==> flow/design.v <==
module alu_muxn #(
    parameter W = 20,
    parameter WAYS = 4,
    parameter SEL_W = $clog2(WAYS)
) (
    input  CLK,
    input  [WAYS*W-1:0] i_din,
    input  [SEL_W-1:0] i_pick,
    output [W-1:0] o_o
);
    reg [WAYS*W-1:0] din_q;
    reg [SEL_W-1:0] pick_q;
    always @(posedge CLK) begin
        din_q <= i_din;
        pick_q <= i_pick;
    end
    wire [W-1:0] nd [1:2*WAYS-1];
    genvar gi;
    generate
        for (gi = 0; gi < WAYS; gi = gi + 1) begin : each
            assign nd[WAYS+gi] = din_q[gi*W +: W];
        end
        for (gi = 1; gi < WAYS; gi = gi + 1) begin : gen
            alu_muxn_m2 #(.N(W)) i_sub (.a(nd[2*gi]), .b(nd[2*gi+1]), .s(pick_q[SEL_W - $clog2(gi+1)]), .y(nd[gi]));
        end
    endgenerate
    reg [W-1:0] o_q;
    always @(posedge CLK)
        o_q <= nd[1];
    assign o_o = o_q;
endmodule
module alu_muxn_m2 #(parameter N = 1) (
    input wire [N-1:0] a,
    input wire [N-1:0] b,
    input wire s,
    output wire [N-1:0] y
);
    assign y = s ? b : a;
endmodule
======== From RTL to reports: alu_muxn ========
The steps from the RTL of alu_muxn to its reports follow in flow order.
Line numbers count from 1 in the design file above.
Operators: Yosys type, input widths -> output width; for muxes data width and select width s.
Not given: --
inputs
  top ..................................... alu_muxn
  clock ................................... CLK
  cell library ............................ sky130hd
  library corner .......................... tt_025C_1v80

======== Elaborated design ========
Source: Yosys, flattened and elaborated. Widths are those after wreduce; folded enables and synchronous resets count as part of the registers. Registers that Yosys merges into a memory's read port (data or address) are not register bits. Print and check cells do not count. Equal cells are merged and count once.
word-level totals
  flip-flop bits (word level) ............. 102
cells by class
  multiplexer cells ....................... 3
operator list
  operator  number
  $mux 20   3

======== Depth ========
Yosys ltp: most cells in a row. Word level: on the elaborated netlist, between registers, memories and ports. Mapped: between sequential cells and ports; inverters and the memories' decode and read muxes count.
logic depth
  depth after elaboration ................. 2
  ABC_AREA ................................ 0
  depth in mapped cells ................... 2
  depth with buffers taken out ............ 1

======== Synthesis result ========
Yosys stat after the flow's synthesis: flattened, memories mapped to cells. It holds for the ABC_AREA given above (unset counts as 0); a run with the other value may have another netlist.
The area totals of this step are shown rounded.
cells by type
  type                      number  total area (um2)
  sky130_fd_sc_hd__dfxtp_1  102     2.04E+03
  sky130_fd_sc_hd__mux4_2   20      450.432
  sky130_fd_sc_hd__buf_6    2       22.522
  sky130_fd_sc_hd__buf_2    2       10.01
mapped netlist
  standard cells after synthesis .......... 126
  chip area (Yosys) ....................... 0.00252 mm2
  area of sequential cells ................ 0.00204 mm2
  mapped flip-flops ....................... 102
By module: a second synthesis without flattening, with its own total; a netlist apart from the flattened one above.
second synthesis, totals
  cell total of the unflattened synthesis .. 168
  area total of the unflattened synthesis .. 0.00301 mm2
Each row is one instance without its submodules.
by module
  module               times used  cells  area (mm2)
  alu_muxn             1           102    0.00204
  alu_muxn_m2 #(N=20)  3           22     0.000323

======== Path before layout ========
Source: OpenSTA report_checks on the synthesized netlist (no wires, ideal clock, input and output delay 20% of the period each), path of least setup slack; recovery checks are left aside. Register names are those of the netlist, which keeps one name where synthesis merged equal registers.
timing after synthesis
  path kind ............................... flip-flop to flip-flop
  start point ............................. register pick_q[0]
  end point ............................... register o_q[0]
  clock period ............................ 1.42 ns
  library setup time ...................... 0.134 ns
  time at the first pin ................... 0.000 ns
  arrival time ............................ 0.998 ns
  slack ................................... 0.288 ns
  path delay .............................. 1.132 ns
  driving pins on the path ................ 3
  synthesis period reached ................ 1.132 ns
"path delay" = arrival - input delay + setup time.
"driving pins on the path": output pins that drive a net of the path, with the launching flip-flop's if there is one; two outputs of one cell count as two.
"synthesis period reached" = period - worst setup slack (recovery checks aside). The figure is calculated, with input and output delays left at 20% of the set period.
Between the ends stands the longest chain of elaborated cells between them, by number of cells; it is not shown to be the way that was timed. Of several equally long chains one is given.
A line is the first line of the expression or statement that the cell stems from. Yosys adds cells for indexed reads and writes and turns some case tables into memories.
on the way, after synthesis
  cells stage by stage .................... sky130_fd_sc_hd__dfxtp_1 sky130_fd_sc_hd__buf_6 sky130_fd_sc_hd__mux4_2
  length of the longest elaborated chain .. 2
  elaborated cells between the ends (all ways) .. 3
  source lines of those cells ............. 1
ends and longest elaborated chain, after synthesis
  element               line  source
  start: declaration    12    reg [SEL_W-1:0] pick_q;
  start: assignment     15    pick_q <= i_pick;
  $mux 20 (2 in a row)  38    assign y = s ? b : a;
  end: assignment       29    o_q <= nd[1];
  end: declaration      27    reg [W-1:0] o_q;

======== Path in the finished layout ========
Path of least setup slack in the final report of record 1 (OpenROAD, finished layout, wires in). Where an end is a register, its clock arrival counts in the times.
timing after layout
  path kind ............................... flip-flop to flip-flop
  start point ............................. register pick_q[0]
  end point ............................... register o_q[15]
  clock period ............................ 1.21 ns
  library setup time ...................... 0.12 ns
  time at the first pin ................... 0.34 ns
  arrival time ............................ 1.39 ns
  slack ................................... 0.04 ns
  driving pins on the path ................ 3
Between the ends stands the longest chain of elaborated cells between them, by number of cells; it is not shown to be the way that was timed. Of several equally long chains one is given.
on the way, after layout
  cells stage by stage .................... sky130_fd_sc_hd__dfxtp_4 sky130_fd_sc_hd__buf_12 sky130_fd_sc_hd__mux4_2
  length of the longest elaborated chain .. 2
  elaborated cells between the ends (all ways) .. 3
  source lines of those cells ............. 1
ends and longest elaborated chain, after layout
  element               line  source
  start: declaration    12    reg [SEL_W-1:0] pick_q;
  start: assignment     15    pick_q <= i_pick;
  $mux 20 (2 in a row)  38    assign y = s ? b : a;
  end: assignment       29    o_q <= nd[1];
  end: declaration      27    reg [W-1:0] o_q;

--- measured runs ---
Record of 3 stored runs of the RTL-to-layout flow on alu_muxn, platform sky130hd. The runs are unordered. Constraints: input delay and output delay 20% of the set period each, output load 0.01 pF.
"clock period reached": clock period set for the run, less the worst setup slack. It is reckoned from that one timing run; input and output delays stay at 20% of the period that was set.
"time of the worst setup path" is the time allowed to the run's worst setup path (the clock period less input and output delay, where it has them) less its slack. Clock arrival times count: a late capture clock shortens it, a late launch clock lengthens it.
By "power consumption" is meant OpenSTA's value without simulated activity: inputs other than the clock are taken to toggle once in ten clock periods, and the tool carries that through the logic.
The results are shown rounded.

---- record 1 ----
settings
  period_ns = 1.21
  CORE_UTILIZATION = 39
  SETUP_SLACK_MARGIN = 0.31
  PLACE_DENSITY_LB_ADDON = 0.16
  CELL_PAD_IN_SITES_GLOBAL_PLACEMENT = 1
  CELL_PAD_IN_SITES_DETAIL_PLACEMENT = 0
  GPL_ROUTABILITY_DRIVEN = 0
  CTS_CLUSTER_SIZE = 62
  CAP_MARGIN = 15
  MIN_ROUTING_LAYER = met2
  CORE_MARGIN = 2
  SLEW_MARGIN = 20
results
  time of the worst setup path ............ 1.17 ns
  kind of the worst setup path ............ flip-flop to flip-flop
  power consumption ....................... 6060 uW
  summed negative setup slack ............. 0.000 ns
  overall die area ........................ 0.00713 mm2
  final design utilization ................ 60.8 %
  post-route worst hold slack ............. 0.326 ns
  netlist area reported by Yosys .......... 0.00252 mm2
  clock period reached .................... 1.168 ns
  lowest setup slack ...................... 0.042 ns
  standard-cell area after layout ......... 0.00384 mm2

---- record 2 ----
settings
  period_ns = 1.42
  CAP_MARGIN = 20
  CORE_MARGIN = 2
  CORE_UTILIZATION = 40
  SLEW_MARGIN = 20
results
  clock period reached .................... 1.252 ns
  summed negative setup slack ............. 0.000 ns
  post-route worst hold slack ............. 0.368 ns
  lowest setup slack ...................... 0.168 ns
  standard-cell area after layout ......... 0.00384 mm2
  overall die area ........................ 0.00696 mm2
  time of the worst setup path ............ 0.97 ns
  kind of the worst setup path ............ flip-flop to output port
  final design utilization ................ 63.8 %
  power consumption ....................... 5530 uW
  netlist area reported by Yosys .......... 0.00252 mm2

---- record 3 ----
settings
  period_ns = 1.52
  CORE_UTILIZATION = 39
  SETUP_SLACK_MARGIN = -0.07
  PLACE_DENSITY_LB_ADDON = 0.3
  CORE_ASPECT_RATIO = 0.99
  CELL_PAD_IN_SITES_GLOBAL_PLACEMENT = 0
  CELL_PAD_IN_SITES_DETAIL_PLACEMENT = 1
  GPL_TIMING_DRIVEN = 0
  GPL_ROUTABILITY_DRIVEN = 1
  CTS_CLUSTER_DIAMETER = 139
  CAP_MARGIN = 40
  SLEW_MARGIN = 25
  MIN_ROUTING_LAYER = met1
  CORE_MARGIN = 2
results
  overall die area ........................ 0.00713 mm2
  summed negative setup slack ............. 0.000 ns
  lowest setup slack ...................... 0.002 ns
  power consumption ....................... 4970 uW
  post-route worst hold slack ............. 0.398 ns
  final design utilization ................ 60.3 %
  standard-cell area after layout ......... 0.00383 mm2
  time of the worst setup path ............ 1.21 ns
  kind of the worst setup path ............ flip-flop to output port
  clock period reached .................... 1.518 ns
  netlist area reported by Yosys .......... 0.00252 mm2
--- end ---
